==> flow/design.v <==
module u_mux_stage #(
    parameter W = 32,
    parameter NIN = 10,
    parameter SEL_WIDTH = $clog2(NIN)
) (
    input logic ck,
    input logic [NIN*W-1:0] din,
    input logic [SEL_WIDTH-1:0] select,
    output logic [W-1:0] q
);
    logic [NIN*W-1:0] r_din;
    logic [SEL_WIDTH-1:0] r_select;
    logic [NIN*W-1:0] t;
    assign t = r_din >> (r_select * W);
    assign q = t[W-1:0];
    always_ff @(posedge ck) begin
        r_din <= din;
        r_select <= select;
    end
endmodule
## Step by step through the tools: u_mux_stage

Tool output for the design above, in the order of the flow.
Lines are those of the file above, counted from 1.
Operators carry their Yosys type and port widths (W data, S select, Z words).
Not given: -

| design | value |
|---|---|
| top | u_mux_stage |
| clock | ck |
| cell library | sky130hd |
| library corner | tt_025C_1v80 |

## Elaborated design

Yosys after proc, flatten, opt, wreduce and memory -nomap, before mapping. Enables and synchronous resets that opt folds into registers are not counted as muxes. Memory bits, and registers merged into a memory's read port (data or address), are not among the register bits. Print and check cells are not counted. Equal cells are merged and count once.

| bit counts | value |
|---|---|
| register bits after elaboration | 324 |
| latch bits | 0 |
| memory bits (writable) | 0 |
| ROM bits | 0 |
| clocked read ports x word width | 0 |
| memories | 0 |
| bits of input ports | 325 |
| output and inout bits | 32 |

| operators by class | value |
|---|---|
| add/sub/neg operators | 0 |
| $mul | 0 |
| divide/modulo/power cells | 0 |
| magnitude comparators | 0 |
| equality and inequality tests | 0 |
| shifts and indexed selects | 1 |
| muxes and demuxes | 0 |
| bitwise gates (word level) | 0 |
| reductions and logical operators | 0 |

Operators by type and width:

| kind | number |
|---|---|
| $shr A320 B9 Y32 | 1 |

## Longest topological paths

Depth = most cells in a row (Yosys ltp): at word level without a register or memory, in the mapped netlist without a sequential cell, where the memories' decode and read muxes count.

| logic depth | value |
|---|---|
| depth after elaboration | 1 |
| ABC_AREA | 0 |
| mapped depth | 6 |

## Netlist

Yosys stat after the flow's synthesis: flattened, memories mapped to cells. It holds for the ABC_AREA given above (unset counts as 0); a run with the other value may have another netlist.
The area totals of this step are shown rounded.

| synthesis totals | value |
|---|---|
| cell count | 618 |
| mapped area | 9,290 um^2 |
| area of sequential cells | 6,490 um^2 |
| mapped flip-flops | 324 |

Cells by type:

| cell type | number | total area (um^2) |
|---|---|---|
| sky130_fd_sc_hd__dfxtp_1 | 324 | 6.49E+03 |
| sky130_fd_sc_hd__mux2_2 | 96 | 1.08E+03 |
| sky130_fd_sc_hd__mux4_2 | 32 | 720.691 |
| sky130_fd_sc_hd__o31ai_2 | 20 | 250.24 |
| sky130_fd_sc_hd__o22ai_1 | 32 | 200.192 |
| sky130_fd_sc_hd__nand2_1 | 33 | 123.869 |
| sky130_fd_sc_hd__nor2_1 | 32 | 120.115 |
| sky130_fd_sc_hd__o31ai_1 | 12 | 90.086 |
| sky130_fd_sc_hd__buf_2 | 10 | 50.048 |
| sky130_fd_sc_hd__clkbuf_1 | 13 | 48.797 |
| sky130_fd_sc_hd__buf_4 | 5 | 37.536 |
| sky130_fd_sc_hd__buf_8 | 2 | 30.029 |
| sky130_fd_sc_hd__buf_6 | 2 | 22.522 |
| sky130_fd_sc_hd__nor3b_2 | 1 | 12.512 |
| sky130_fd_sc_hd__buf_1 | 3 | 11.261 |
| sky130_fd_sc_hd__nand2b_2 | 1 | 8.758 |

## Worst setup path after synthesis

OpenSTA on the mapped netlist: ideal clock, no wires. The path of least setup slack (recovery checks aside). Input and output delay are each 20% of the period. Register names are those of the netlist, which keeps one name where synthesis merged equal registers.

| path post-synthesis | value |
|---|---|
| path type | reg-to-output |
| from | register r_select[0] |
| to | output q[24] |
| period | 2.06 ns |
| data arrival time | 1.318 ns |
| slack | 0.330 ns |
| path delay | 1.318 ns |
| stages | 6 |
| buffers on the path | 2 |
| synthesis period reached | 1.73 ns |

"path delay" = arrival - input delay + setup time.
At an output port there is no setup time.
"stages": output pins that drive a net of the path, with the launching flip-flop's if there is one; two outputs of one cell count as two.
"synthesis period reached" = period - worst setup slack (recovery checks aside). The figure is calculated, with input and output delays left at 20% of the set period.
Between the ends stands the longest chain of elaborated cells between them, by number of cells; it is not shown to be the way that was timed. Of several equally long chains one is given.
A line is the first line of the expression or statement that the cell stems from. Yosys adds cells for indexed reads and writes and turns some case tables into memories.

| between the ends, post-synthesis | value |
|---|---|
| cell sequence | sky130_fd_sc_hd__dfxtp_1 > sky130_fd_sc_hd__buf_6 > sky130_fd_sc_hd__buf_8 > sky130_fd_sc_hd__mux4_2 > sky130_fd_sc_hd__nor2_1 > sky130_fd_sc_hd__o31ai_2 |
| cells in the longest elaborated chain | 1 |

Ends and longest elaborated chain, post-synthesis:

| item | RTL line | source |
|---|---|---|
| start, declared | 12 | `logic [SEL_WIDTH-1:0] r_select;` |
| start, assigned | 18 | `r_select <= select;` |
| $shr A320 B9 Y32 | 14 | `assign t = r_din >> (r_select * W);` |
| end, declared | 9 | `output logic [W-1:0] q` |

## Worst path after layout

From the final timing report of flow run A: the path of least setup slack in the routed layout; clock arrival at registers is part of the times.

| path after layout | value |
|---|---|
| path type | reg-to-output |
| from | register r_select[0] |
| to | output q[16] |
| period | 3.19 ns |
| data arrival time | 2.55 ns |
| slack | 0.00 ns |
| stages | 7 |
| buffers on the path | 3 |

Between the ends stands the longest chain of elaborated cells between them, by number of cells; it is not shown to be the way that was timed. Of several equally long chains one is given.

| between the ends, after layout | value |
|---|---|
| cell sequence | sky130_fd_sc_hd__dfxtp_4 > sky130_fd_sc_hd__buf_4 > sky130_fd_sc_hd__bufbuf_16 > sky130_fd_sc_hd__mux2_2 > sky130_fd_sc_hd__o22ai_2 > sky130_fd_sc_hd__o31ai_1 > sky130_fd_sc_hd__clkdlybuf4s50_1 |
| cells in the longest elaborated chain | 1 |

Ends and longest elaborated chain, after layout:

| item | RTL line | source |
|---|---|---|
| start, declared | 12 | `logic [SEL_WIDTH-1:0] r_select;` |
| start, assigned | 18 | `r_select <= select;` |
| $shr A320 B9 Y32 | 14 | `assign t = r_din >> (r_select * W);` |
| end, declared | 9 | `output logic [W-1:0] q` |

Subject: flow runs of u_mux_stage

Hi,

Below are 3 stored runs of the flow (Yosys, OpenROAD; platform sky130hd) on u_mux_stage, each with its settings and what was measured, unordered. Constraints: input delay and output delay 20% of the set period each, output load 0.01 pF.
"reached clock period" is the run's clock period less its worst setup slack. It is reckoned from that one timing run; input and output delays stay at 20% of the period that was set.
"critical setup path time" means the part of the period allowed to the worst setup path (the constraints hold back 20% at inputs and 20% at outputs) less its slack; where the path has registers, the arrival times of their clocks count too.
"total power after layout" is the tool's figure for a default switching activity; nothing was simulated.
The results are shown rounded.

#### Flow run A

| setting | value |
|---|---|
| period_ns | `3.19` |
| CORE_UTILIZATION | `57` |
| PLACE_DENSITY_LB_ADDON | `0.11` |
| ABC_AREA | `0` |
| GPL_ROUTABILITY_DRIVEN | `0` |
| CAP_MARGIN | `30` |
| SLEW_MARGIN | `0` |
| CORE_MARGIN | `2` |

| result | value |
|---|---|
| worst setup slack after layout | 0.004 ns |
| total power after layout | 9.13 mW |
| post-route worst hold slack | 0.517 ns |
| critical setup path time | 2.55 ns |
| worst setup path type | reg-to-output |
| die footprint | 17,300 um^2 |
| standard-cell area after routing | 14,500 um^2 |
| reached clock period | 3.186 ns |
| sum of negative setup slack | 0.000 ns |
| post-synthesis cell area | 9,290 um^2 |

#### Flow run B

| setting | value |
|---|---|
| period_ns | `2.06` |
| CAP_MARGIN | `20` |
| CORE_MARGIN | `2` |
| CORE_UTILIZATION | `40` |
| SLEW_MARGIN | `20` |

| result | value |
|---|---|
| worst setup slack after layout | -0.471 ns |
| total power after layout | 14.3 mW |
| post-route worst hold slack | 0.350 ns |
| critical setup path time | 2.12 ns |
| worst setup path type | reg-to-output |
| die footprint | 24,500 um^2 |
| standard-cell area after routing | 15,400 um^2 |
| reached clock period | 2.531 ns |
| sum of negative setup slack | -12.9 ns |
| post-synthesis cell area | 9,290 um^2 |

#### Flow run C

| setting | value |
|---|---|
| period_ns | `3.24` |
| CORE_UTILIZATION | `32` |
| SETUP_SLACK_MARGIN | `-0.04` |
| PLACE_DENSITY_LB_ADDON | `0.11` |
| HOLD_SLACK_MARGIN | `0.24` |
| CORE_ASPECT_RATIO | `0.86` |
| CELL_PAD_IN_SITES_GLOBAL_PLACEMENT | `0` |
| CELL_PAD_IN_SITES_DETAIL_PLACEMENT | `1` |
| GPL_TIMING_DRIVEN | `1` |
| MIN_ROUTING_LAYER | `met1` |
| CAP_MARGIN | `20` |
| CORE_MARGIN | `2` |
| SLEW_MARGIN | `20` |

| result | value |
|---|---|
| worst setup slack after layout | 0.117 ns |
| total power after layout | 9.06 mW |
| post-route worst hold slack | 0.590 ns |
| critical setup path time | 2.47 ns |
| worst setup path type | reg-to-output |
| die footprint | 30,400 um^2 |
| standard-cell area after routing | 14,500 um^2 |
| reached clock period | 3.123 ns |
| sum of negative setup slack | 0.000 ns |
| post-synthesis cell area | 9,290 um^2 |

Regards
